==> flow/design.v <==
module gen_times #(
  parameter integer DATA_WIDTH = 48,
  parameter integer GAIN = 683,
  parameter integer SUM_W = DATA_WIDTH + $clog2(GAIN + 1)
) (
  input  wire sys_clk,
  input  wire RST,
  input  wire [DATA_WIDTH-1:0] i_in0,
  output reg [SUM_W-1:0] o_m
);
  reg [SUM_W-1:0] t;
  integer i;
  always @* begin
    t = 0;
    for (i = 0; i < SUM_W - DATA_WIDTH; i = i + 1)
      if ((GAIN >> i) & 1) t = t + (i_in0 << i);
  end
  always @(posedge sys_clk) begin
    if (RST) begin
      o_m <= 0;
    end else begin
      o_m <= t;
    end
  end
endmodule
Tool chain data of gen_times
Tool output for the design above, in the order of the flow.
Line numbers count from 1 in the design file above.
Cell names lack the library's common part.
The mark - stands for no value.

set-up
  design top = gen_times
  clock port = sys_clk
  library = sky130hd
  corner = tt_025C_1v80

Word-level counts
Counts by Yosys on the flattened word-level netlist (proc, flatten, opt, wreduce; memories kept). Register bits leave out memories and registers merged into their read ports (data or address); mux counts leave out enables and synchronous resets folded into registers. Print and check cells are left out. Cells with the same type and inputs are merged into one.

storage and ports
  input bits = 50
  register bits after elaboration = 58
  output and inout bits = 58

cells by class
  $add $sub $neg = 5

operators with widths
  cell                     count
  adder 56 x 57 -> 58 bit  1
  adder 54 x 55 -> 56 bit  1
  adder 52 x 53 -> 54 bit  1
  adder 50 x 51 -> 52 bit  1
  adder 48 x 49 -> 50 bit  1

Logic depth
Longest topological path by Yosys (ltp), each cell counted once; first at word level (registers and memories cut), then after technology mapping (sequential cells cut; the memories' decode and read muxes count).

logic depth
  depth after elaboration = 5
  ABC_AREA = 0
  mapped depth = 18
  gate-level depth less buffers = 17

Synthesis result
Yosys stat after the flow's synthesis: flattened, memories mapped to cells. It holds for the ABC_AREA given above (unset counts as 0); a run with the other value may have another netlist.

cell types
  cell      count  total area (µm²)
  fa_1      171    3.42E+03
  inv_1     338    1.27E+03
  dfxtp_1   58     1.16E+03
  ha_1      81     1.01E+03
  a21oi_1   56     280.269
  nor2_1    68     255.245
  xnor2_1   29     253.994
  a21o_1    27     202.694
  xor2_1    20     175.168
  nand2_1   45     168.912
  o21ai_0   27     135.13
  o21bai_1  13     97.594
  nor2b_1   15     93.84
  o21a_1    11     82.579
  and3_1    13     81.328
  nor3_1    13     65.062
  nand3_1   11     55.053
  a211oi_1  7      52.55

Not listed: further types 50, cells in them 102.

mapped netlist
  buffers = 15
  sequential area = 1161.1 µm²
  cells in the netlist = 1105
  chip area (Yosys) = 9656.8 µm²
  mapped flip-flops = 58

Worst setup path after synthesis
OpenSTA on the mapped netlist: ideal clock, no wires. The path of least setup slack (recovery checks aside). Input and output delay are each 20% of the period. Register names are those of the netlist, which keeps one name where synthesis merged equal registers.

timing path after synthesis
  path type = input port to flip-flop
  from = input i_in0[6]
  to = register o_m[48]
  setup slack = 0.997 ns
  launch time at the first pin = 1.248 ns
  stages on the path = 18
  setup time = 0.121 ns
  required time = 6.119 ns
  arrival time = 5.122 ns
  path delay = 3.995 ns
  clock period = 6.24 ns
  path buffers = 1
  external input delay = 1.248 ns
  synthesis period reached = 5.243 ns

"path delay" is the arrival time less input delay plus setup time.
"stages on the path": output pins that drive a net of the path, with the launching flip-flop's if there is one; two outputs of one cell count as two.
"synthesis period reached" = period - worst setup slack (recovery checks aside). The figure is calculated, with input and output delays left at 20% of the set period.
Between the ends stands the longest chain of elaborated cells between them, by number of cells; it is not shown to be the way that was timed. Of several equally long chains one is given.
Each line given opens the expression or statement behind the cell; cells for indexed reads and writes are added by Yosys, which also makes memories of some case tables.

on the way, after synthesis
  cell sequence = inv_1 fa_1 inv_1 fa_1 inv_1 fa_1 inv_1 ha_1 buf_4 and3_1 nand4_1 a21oi_1 nor4_2 o21ba_4 o21a_1 o21ai_1 a21oi_1 mux2_2
  cells in the longest elaborated chain = 5
  elaborated cells between the ends (all ways) = 5
  source lines of those cells = 1
  classes of those cells = add/sub (5)

RTL lines, path after synthesis
  item                     RTL line  text
  start: declaration       8         input  wire [DATA_WIDTH-1:0] i_in0,
  adder 48 x 49 -> 50 bit  16        if ((GAIN >> i) & 1) t = t + (i_in0 << i);
  adder 50 x 51 -> 52 bit  16
  adder 52 x 53 -> 54 bit  16
  adder 54 x 55 -> 56 bit  16
  adder 56 x 57 -> 58 bit  16
  end: assignment          20        o_m <= 0;
  end: assignment          22        o_m <= t;
  end: declaration         9         output reg [SUM_W-1:0] o_m

Timing after layout
From the final timing report of stored run 1: the path of least setup slack in the routed layout; clock arrival at registers is part of the times.

timing path post-layout
  path type = input port to flip-flop
  from = input i_in0[6]
  to = register o_m[31]
  setup slack = 0.44 ns
  external input delay = 1.25 ns
  arrival time = 6.01 ns
  launch time at the first pin = 1.25 ns
  clock period = 6.24 ns
  stages on the path = 18
  required time = 6.45 ns
  path buffers = 1
  setup time = 0.13 ns

Between the ends stands the longest chain of elaborated cells between them, by number of cells; it is not shown to be the way that was timed. Of several equally long chains one is given.

on the way, post-layout
  cell sequence = clkdlybuf4s50_1 inv_1 fa_1 inv_1 fa_1 inv_1 fa_1 inv_1 ha_1 and3_1 nand2_1 a211oi_1 nor3_1 o41a_2 o21ai_0 a211oi_1 xor2_1 nor2_1
  cells in the longest elaborated chain = 5
  elaborated cells between the ends (all ways) = 5
  source lines of those cells = 1
  classes of those cells = add/sub (5)

RTL lines, path post-layout
  item                     RTL line  text
  start: declaration       8         input  wire [DATA_WIDTH-1:0] i_in0,
  adder 48 x 49 -> 50 bit  16        if ((GAIN >> i) & 1) t = t + (i_in0 << i);
  adder 50 x 51 -> 52 bit  16
  adder 52 x 53 -> 54 bit  16
  adder 54 x 55 -> 56 bit  16
  adder 56 x 57 -> 58 bit  16
  end: assignment          20        o_m <= 0;
  end: assignment          22        o_m <= t;
  end: declaration         9         output reg [SUM_W-1:0] o_m

## Implementation results

Stored flow runs of gen_times (3 of them; Yosys, OpenROAD, sky130hd). They differ in their settings and are not a sequence. Constraints: input delay and output delay 20% of the set period each, output load 0.01 pF.
By "reached clock period" is meant the clock period of the run minus its worst setup slack. This is arithmetic on one report: input and output delays are still those of the set period (20% each).
"worst setup path time" is the time allowed to the run's worst setup path (the clock period less input and output delay, where it has them) less its slack. Clock arrival times count: a late capture clock shortens it, a late launch clock lengthens it.
By "total power after layout" is meant OpenSTA's value without simulated activity: inputs other than the clock are taken to toggle once in ten clock periods, and the tool carries that through the logic.
Settings: n/a = not set for that run.

item                                   stored run 1             stored run 2             stored run 3
period_ns                              6.24                     6.13                     4.69
CAP_MARGIN                             20                       20                       20
CORE_MARGIN                            2                        7                        2
CORE_UTILIZATION                       40                       36                       57
SLEW_MARGIN                            20                       20                       20
SETUP_SLACK_MARGIN                     n/a                      1.83                     -0.42
PLACE_DENSITY_LB_ADDON                 n/a                      0.09                     0.3
TNS_END_PERCENT                        n/a                      45                       n/a
GPL_TIMING_DRIVEN                      n/a                      0                        n/a
GPL_ROUTABILITY_DRIVEN                 n/a                      1                        n/a
HOLD_SLACK_MARGIN                      n/a                      n/a                      0.18
CELL_PAD_IN_SITES_GLOBAL_PLACEMENT     n/a                      n/a                      1
ABC_AREA                               n/a                      n/a                      1
CTS_CLUSTER_SIZE                       n/a                      n/a                      73
worst hold slack after layout (ns)     1.528                    1.125                    1.349
area inside the die boundary (µm²)     25400.4                  31605.7                  20731.7
setup TNS (ns)                         0.000                    0.000                    -0.105
standard-cell area after layout (µm²)  11667.4                  13269.0                  13907.1
final utilization (%)                  49.4                     50.6                     71.9
worst setup path time (ns)             4.55                     3.68                     3.81
worst setup path kind                  input port to flip-flop  input port to flip-flop  input port to flip-flop
total power after layout (mW)          5.586                    7.512                    8.768
setup slack of the worst path (ns)     0.438                    1.220                    -0.059
reached clock period (ns)              5.802                    4.910                    4.749
Yosys chip area after synthesis (µm²)  9656.8                   9656.8                   11169.5
